==> flow/design.v <==
module alu_alu_arith_n #(
   parameter int DATA_WIDTH = 14
) (
   input  logic i_clk,
   input  logic [DATA_WIDTH-1:0] in_in0,
   input  logic [DATA_WIDTH-1:0] in_in1,
   input  logic in_dir,
   output logic [DATA_WIDTH-1:0] out_res
);
   logic [DATA_WIDTH-1:0] in0_r;
   logic [DATA_WIDTH-1:0] in1_r;
   logic dir_r;
   always_ff @(posedge i_clk) begin
      in0_r <= in_in0;
      in1_r <= in_in1;
      dir_r <= in_dir;
   end
   logic [DATA_WIDTH-1:0] nxt;
   always_comb begin
      if (dir_r)
         nxt = in0_r - in1_r;
      else
         nxt = in0_r + in1_r;
   end
   assign out_res = nxt;
endmodule
* Step by step through the tools: alu_alu_arith_n
The steps from the RTL of alu_alu_arith_n to its reports follow in flow order.
Lines are those of the file above, counted from 1.
Operators: Yosys type, input widths -> output width; for muxes data width and select width s.
Cell names lack the library's common part.
Not given: --
- Top module :: alu_alu_arith_n
- Clock port :: i_clk
- Cell library :: sky130hd
- Corner :: tt_025C_1v80

* Elaborated design
Counts by Yosys on the flattened word-level netlist (proc, flatten, opt, wreduce; memories kept). Register bits leave out memories and registers merged into their read ports (data or address); mux counts leave out enables and synchronous resets folded into registers. Print and check cells are left out. Cells with the same type and inputs are merged into one.
- Register bits :: 29
- Input bits :: 30
- Output and inout bits :: 14
- Elaborated cells :: 6
- Add/subtract/negate cells :: 2
- Multiplexer cells :: 1
** Operators by type and width (number)
- $add 14x14->14 :: 1
- $sub 14x14->14 :: 1
- $mux 14 :: 1

* Longest topological paths
Yosys ltp: most cells in a row. Word level: on the elaborated netlist, between registers, memories and ports. Mapped: between sequential cells and ports; inverters and the memories' decode and read muxes count.
- Word-level depth :: 2
- ABC_AREA :: 0
- Gate-level depth with buffers :: 11
- Mapped depth without buffers :: 11

* Synthesis result
Source: synth_stat.txt of the flow (Yosys; design flattened, memories mapped). It holds for the ABC_AREA given above (unset counts as 0); a run with the other value may have another netlist.
- Mapped cells :: 162
- Cell area after synthesis :: 0.0015427 mm²
- Area of sequential cells :: 0.0005806 mm²
- Flip-flops :: 29
- Buffers :: 2
** Cells by type
- dfxtp_1 :: number 29, area in all 580.557 µm²
- ha_1 :: number 14, area in all 175.168 µm²
- xnor2_1 :: number 18, area in all 157.651 µm²
- nor2_1 :: number 18, area in all 67.565 µm²
- a21oi_1 :: number 12, area in all 60.058 µm²
- xor2_1 :: number 4, area in all 35.034 µm²
- inv_1 :: number 9, area in all 33.782 µm²
- nor3_1 :: number 6, area in all 30.029 µm²
- a221oi_4 :: number 1, area in all 26.275 µm²
- nand2_1 :: number 7, area in all 26.275 µm²
- o21ai_0 :: number 5, area in all 25.024 µm²
- fa_1 :: number 1, area in all 20.019 µm²
- mux2i_1 :: number 2, area in all 20.019 µm²
- a41oi_1 :: number 2, area in all 17.517 µm²
- o41ai_2 :: number 1, area in all 16.266 µm²
- a21o_1 :: number 2, area in all 15.014 µm²
- nand3_1 :: number 3, area in all 15.014 µm²
- o21a_1 :: number 2, area in all 15.014 µm²
Not listed: further types 23, cells in them 26.

* Path before layout
Path of least setup slack by OpenSTA after synthesis, without wires, with an ideal clock, recovery checks aside; 20% of the period is set as input and as output delay. Where synthesis merged equal registers, the netlist keeps one of their names.
- Kind :: register to output
- Start :: reg dir_r
- End :: out out_res[12]
- Clock period :: 3.78 ns
- Output delay :: 0.756 ns
- Time at the first pin :: 0.000 ns
- Arrival time :: 2.419 ns
- Required time :: 3.024 ns
- Setup slack :: 0.605 ns
- Delay of the path :: 2.419 ns
- Stages :: 9
- Buffers on the path :: 1
- Period reached after synthesis :: 3.175 ns
"delay of the path" is the arrival time less input delay plus setup time.
A path that ends at an output port has no setup time.
"stages" counts driving pins, that of a launching flip-flop among them; a cell with two outputs on the path counts twice.
"period reached after synthesis" is the clock period less the worst setup slack; recovery checks do not enter. This is arithmetic on one report: input and output delays are still those of the set period (20% each).
Between the ends stands the longest chain of elaborated cells between them, by number of cells; it is not shown to be the way that was timed. Of several equally long chains one is given.
A line is the first line of the expression or statement that the cell stems from. Yosys adds cells for indexed reads and writes and turns some case tables into memories.
- Cell sequence :: dfxtp_1 clkbuf_1 mux2i_1 fa_1 a21o_1 a311o_2 a221oi_4 o31ai_2 xor2_1
- Length of the longest elaborated chain :: 1
- Elaborated cells on any way between the ends :: 1
- RTL lines with such cells :: 1
** Ends and longest elaborated chain, post-synthesis
- from (decl) :: RTL line 12 : logic dir_r;
- from (assign) :: RTL line 16 : dir_r <= in_dir;
- $mux 14 :: RTL line 20 : if (dir_r)
- to (decl) :: RTL line 8 : output logic [DATA_WIDTH-1:0] out_res

* Timing after layout
Path of least setup slack in the final report of entry A (OpenROAD, finished layout, wires in). Where an end is a register, its clock arrival counts in the times.
- Kind :: register to output
- Start :: reg in1_r[1]
- End :: out out_res[7]
- Clock period :: 5.93 ns
- Output delay :: 1.19 ns
- Time at the first pin :: 0.28 ns
- Arrival time :: 3.28 ns
- Required time :: 4.74 ns
- Setup slack :: 1.46 ns
- Stages :: 12
- Buffers on the path :: 1
Between the ends stands the longest chain of elaborated cells between them, by number of cells; it is not shown to be the way that was timed. Of several equally long chains one is given.
- Cell sequence :: dfxtp_1 inv_1 ha_1 a21oi_1 xnor2_1 ha_2 a21o_1 a31oi_2 a21boi_2 or4b_1 nand3_1 clkdlybuf4s50_1
- Length of the longest elaborated chain :: 2
- Elaborated cells on any way between the ends :: 3
- RTL lines with such cells :: 3
** Ends and longest elaborated chain, after layout
- from (decl) :: RTL line 11 : logic [DATA_WIDTH-1:0] in1_r;
- from (assign) :: RTL line 15 : in1_r <= in_in1;
- $add 14x14->14 :: RTL line 23 : nxt = in0_r + in1_r;
- $mux 14 :: RTL line 20 : if (dir_r)
- to (decl) :: RTL line 8 : output logic [DATA_WIDTH-1:0] out_res

# Flow runs of alu_alu_arith_n

Measured results for alu_alu_arith_n: 3 stored runs of the Yosys and OpenROAD flow on sky130hd. The settings differ; the order carries no meaning. The constraints put input and output delay at 20% of the set period each and load the outputs with 0.01 pF.

** Entry A
- Settings :: period_ns=5.93; CORE_UTILIZATION=43; SETUP_SLACK_MARGIN=1.27; CORE_ASPECT_RATIO=1.78; TNS_END_PERCENT=20; GPL_TIMING_DRIVEN=1; CTS_CLUSTER_SIZE=83; SLEW_MARGIN=20; CAP_MARGIN=20; CORE_MARGIN=2
- Post-route utilization :: 62.0%
- Total negative slack on setup checks :: 0.000 ns
- Chip area after synthesis (Yosys) :: 0.0015427 mm²
- Die size :: 0.004103 mm²
- Smallest setup slack :: 1.465 ns

** Entry B
- Settings :: period_ns=2.01; CORE_UTILIZATION=37; SETUP_SLACK_MARGIN=0.03; PLACE_DENSITY=0.83; CELL_PAD_IN_SITES_GLOBAL_PLACEMENT=2; ABC_AREA=1; CTS_CLUSTER_DIAMETER=189; CAP_MARGIN=15; MAX_ROUTING_LAYER=met4; CORE_MARGIN=2; SLEW_MARGIN=20
- Post-route utilization :: 71.0%
- Total negative slack on setup checks :: -8.618 ns
- Chip area after synthesis (Yosys) :: 0.0016216 mm²
- Die size :: 0.004928 mm²
- Smallest setup slack :: -0.833 ns

** Entry C
- Settings :: period_ns=3.78; CAP_MARGIN=20; CORE_MARGIN=2; CORE_UTILIZATION=40; SLEW_MARGIN=20
- Post-route utilization :: 62.0%
- Total negative slack on setup checks :: 0.000 ns
- Chip area after synthesis (Yosys) :: 0.0015427 mm²
- Die size :: 0.0043699 mm²
- Smallest setup slack :: 0.145 ns
